==> flow/design.v <==
module alu_addsub #(
    parameter integer WD = 28
) (
    input logic clk_i,
    input logic nrst,
    input logic [WD-1:0] arg0_in,
    input logic sub_in,
    input logic clear_in,
    output logic [WD-1:0] result_out
);
    logic [WD-1:0] cnt;
    always_ff @(posedge clk_i or negedge nrst) begin
        if (~nrst) begin
            cnt <= '0;
        end else begin
            cnt <= clear_in ? arg0_in : sub_in ? cnt - arg0_in : cnt + arg0_in;
        end
    end
    assign result_out = cnt;
endmodule
Tool chain data of alu_addsub
What the tools print for alu_addsub, step after step.
Lines are those of the file above, counted from 1.
Operators carry their Yosys type and port widths (W data, S select, Z words).
Library cell names are shortened.
A cell with - has no value.
- design top: alu_addsub
- clock: clk_i
- standard-cell library: sky130hd
- timing corner: tt_025C_1v80

After elaboration
Source: Yosys, flattened and elaborated, memories not mapped. Widths are those after wreduce; folded enables and synchronous resets count as part of the registers. Registers that Yosys merges into a memory's read port (data or address) are not register bits. Print and check cells do not count. Equal cells are merged and count once.
- memory bits (read-only) at 0
- bits in writable memories: 0
- word width x clocked read ports: 0
- cells after elaboration at 5
- output and inout bits at 28
- noted memories: 0
- latch bits: 0
- noted register bits: 28
- noted equal/unequal tests: 0
- noted order comparisons: 0
- $add $sub $neg at 2
- noted reduce/logical cells: 0
- muxes and demuxes: 2
- $mul at 0
- noted div/mod/pow operators: 0
- shift-type cells at 0
- bitwise operators at 0
- operators by type and width (cell ; number):
    $mux W28 ; 2
    $add A28 B28 Y28 ; 1
    $sub A28 B28 Y28 ; 1

Depth
Yosys ltp: most cells in a row. Word level: on the elaborated netlist, between registers, memories and ports. Mapped: between sequential cells and ports; inverters and the memories' decode and read muxes count.
- noted depth in word-level cells: 3
- ABC_AREA: 0
- gate-level depth with buffers at 15

Synthesis result
Yosys stat after the flow's synthesis: flattened, memories mapped to cells. It holds for the ABC_AREA given above (unset counts as 0); a run with the other value may have another netlist.
- noted flip-flop cells: 28
- noted sequential part of the area: 700.7 sq um
- noted cell area after synthesis: 3125.5 sq um
- cells in the netlist at 408
- cells by type (type ; number ; total area (sq um)):
    dfrtp_1 ; 28 ; 700.672
    ha_1 ; 28 ; 350.336
    xnor2_1 ; 34 ; 297.786
    a21oi_1 ; 42 ; 210.202
    nand2_1 ; 51 ; 191.434
    o21ai_0 ; 35 ; 175.168
    nor2_1 ; 35 ; 131.376
    inv_1 ; 23 ; 86.333
    xor2_1 ; 9 ; 78.826
    a21o_1 ; 8 ; 60.058
    nor3_1 ; 11 ; 55.053
    or4_1 ; 6 ; 45.043
    a31oi_1 ; 6 ; 37.536
    clkbuf_1 ; 10 ; 37.536
    mux2i_1 ; 3 ; 30.029
    o2111ai_1 ; 3 ; 26.275
    nand2b_1 ; 4 ; 25.024
    nand3_1 ; 5 ; 25.024
Not listed: further types 43, cells in them 67.

Path before layout
Source: OpenSTA report_checks on the synthesized netlist (no wires, ideal clock, input and output delay 20% of the period each), path of least setup slack; recovery checks are left aside. Register names are those of the netlist, which keeps one name where synthesis merged equal registers.
- kind: input port to flip-flop
- start: input arg0_in[4]
- end: register cnt[27]
- noted arrival time: 4180 ps
- launch time at the first pin: 1014 ps
- path delay at 3246 ps
- noted library setup time: 80 ps
- noted setup slack: 810 ps
- stages at 14
- input delay at 1014 ps
- period: 5070 ps
- synthesis period reached: 4260 ps
"path delay" is the arrival time less input delay plus setup time.
"stages": output pins that drive a net of the path, with the launching flip-flop's if there is one; two outputs of one cell count as two.
"synthesis period reached" = period - worst setup slack (recovery checks aside). The figure is calculated, with input and output delays left at 20% of the set period.
Between the ends stands the longest chain of elaborated cells between them, by number of cells; it is not shown to be the way that was timed. Of several equally long chains one is given.
A line is the first line of the expression or statement that the cell stems from. Yosys adds cells for indexed reads and writes and turns some case tables into memories.
- cell sequence: or4_1 -> nor4b_2 -> a21o_1 -> o21ai_0 -> xnor2_1 -> ha_1 -> clkbuf_1 -> a21oi_1 -> o21ai_0 -> a211o_1 -> a21o_1 -> a41oi_1 -> mux2i_1 -> xnor2_1
- cells in the longest elaborated chain: 3
- noted elaborated cells between the ends (all ways): 4
- noted RTL lines with such cells: 1
- classes of those cells: add/sub (2); mux (2)
- ends and longest elaborated chain, post-synthesis (element ; RTL line ; RTL):
    from (decl) ; 6 ; input logic [WD-1:0] arg0_in,
    $add A28 B28 Y28 ; 16 ; cnt <= clear_in ? arg0_in : sub_in ? cnt - arg0_in : cnt + arg0_in;
    $mux W28 (2 in a row) ; 16 ;
    to (assign) ; 14 ; cnt <= '0;
    to (assign) ; 16 ;
    to (decl) ; 11 ; logic [WD-1:0] cnt;

Path in the finished layout
From the final timing report of run A: the path of least setup slack in the routed layout; clock arrival at registers is part of the times.
The report prints the path's times to 10 ps; the period is as set.
- kind: input port to flip-flop
- start: input arg0_in[4]
- end: register cnt[22]
- noted library setup time: 110 ps
- launch time at the first pin: 550 ps
- stages at 14
- period: 2760 ps
- input delay at 550 ps
- noted arrival time: 3870 ps
- noted setup slack: -920 ps
Between the ends stands the longest chain of elaborated cells between them, by number of cells; it is not shown to be the way that was timed. Of several equally long chains one is given.
- cell sequence: buf_8 -> or4_4 -> nor4_1 -> nor2_1 -> xnor2_1 -> ha_1 -> a21oi_1 -> o21ai_1 -> a21o_1 -> a31o_4 -> a221o_2 -> buf_12 -> a2111oi_4 -> nor3b_1
- cells in the longest elaborated chain: 3
- noted elaborated cells between the ends (all ways): 4
- noted RTL lines with such cells: 1
- classes of those cells: add/sub (2); mux (2)
- ends and longest elaborated chain, post-layout (element ; RTL line ; RTL):
    from (decl) ; 6 ; input logic [WD-1:0] arg0_in,
    $add A28 B28 Y28 ; 16 ; cnt <= clear_in ? arg0_in : sub_in ? cnt - arg0_in : cnt + arg0_in;
    $mux W28 (2 in a row) ; 16 ;
    to (assign) ; 14 ; cnt <= '0;
    to (assign) ; 16 ;
    to (decl) ; 11 ; logic [WD-1:0] cnt;

Subject: flow runs of alu_addsub

Hi,

Top module alu_addsub; platform sky130hd; tools Yosys and OpenROAD; 3 stored runs in no particular order. Input and output delays are each 20% of the period that was set; the output load is 0.01 pF.
"worst path time" means the part of the period allowed to the worst setup path (the constraints hold back 20% at inputs and 20% at outputs) less its slack; where the path has registers, the arrival times of their clocks count too.
"total design power" is the tool's figure for a default switching activity; nothing was simulated.
"worst path time" is given in steps of 10 ps.

Run A
Settings were period_ns = 2.76; CORE_UTILIZATION = 48; SETUP_SLACK_MARGIN = -0.16; PLACE_DENSITY_LB_ADDON = 0.3; CORE_ASPECT_RATIO = 0.76; TNS_END_PERCENT = 95; GPL_TIMING_DRIVEN = 0; CAP_MARGIN = 15; CORE_MARGIN = 2; SLEW_MARGIN = 20
- noted the worst path time: 3130 ps
- class of the worst setup path: input port to flip-flop
- noted the worst setup slack after layout: -924 ps
- die footprint at 7178.8 sq um
- total design power: 5.581 mW
- noted the Yosys chip area after synthesis: 3125.5 sq um
- utilization after layout: 77.8 %

Run B
Settings were period_ns = 5.07; CAP_MARGIN = 20; CORE_MARGIN = 2; CORE_UTILIZATION = 40; SLEW_MARGIN = 20
- noted the worst path time: 3750 ps
- class of the worst setup path: input port to flip-flop
- noted the worst setup slack after layout: 302 ps
- die footprint at 8536.8 sq um
- total design power: 2.131 mW
- noted the Yosys chip area after synthesis: 3125.5 sq um
- utilization after layout: 52.7 %

Run C
Settings were period_ns = 5.79; CORE_UTILIZATION = 55; SETUP_SLACK_MARGIN = 1.5; PLACE_DENSITY_LB_ADDON = 0.02; CORE_MARGIN = 8; CTS_CLUSTER_SIZE = 59; CAP_MARGIN = 20; SLEW_MARGIN = 20
- noted the worst path time: 3110 ps
- class of the worst setup path: input port to flip-flop
- noted the worst setup slack after layout: 1525 ps
- die footprint at 8351.2 sq um
- total design power: 2.176 mW
- noted the Yosys chip area after synthesis: 3125.5 sq um
- utilization after layout: 79.5 %

Regards
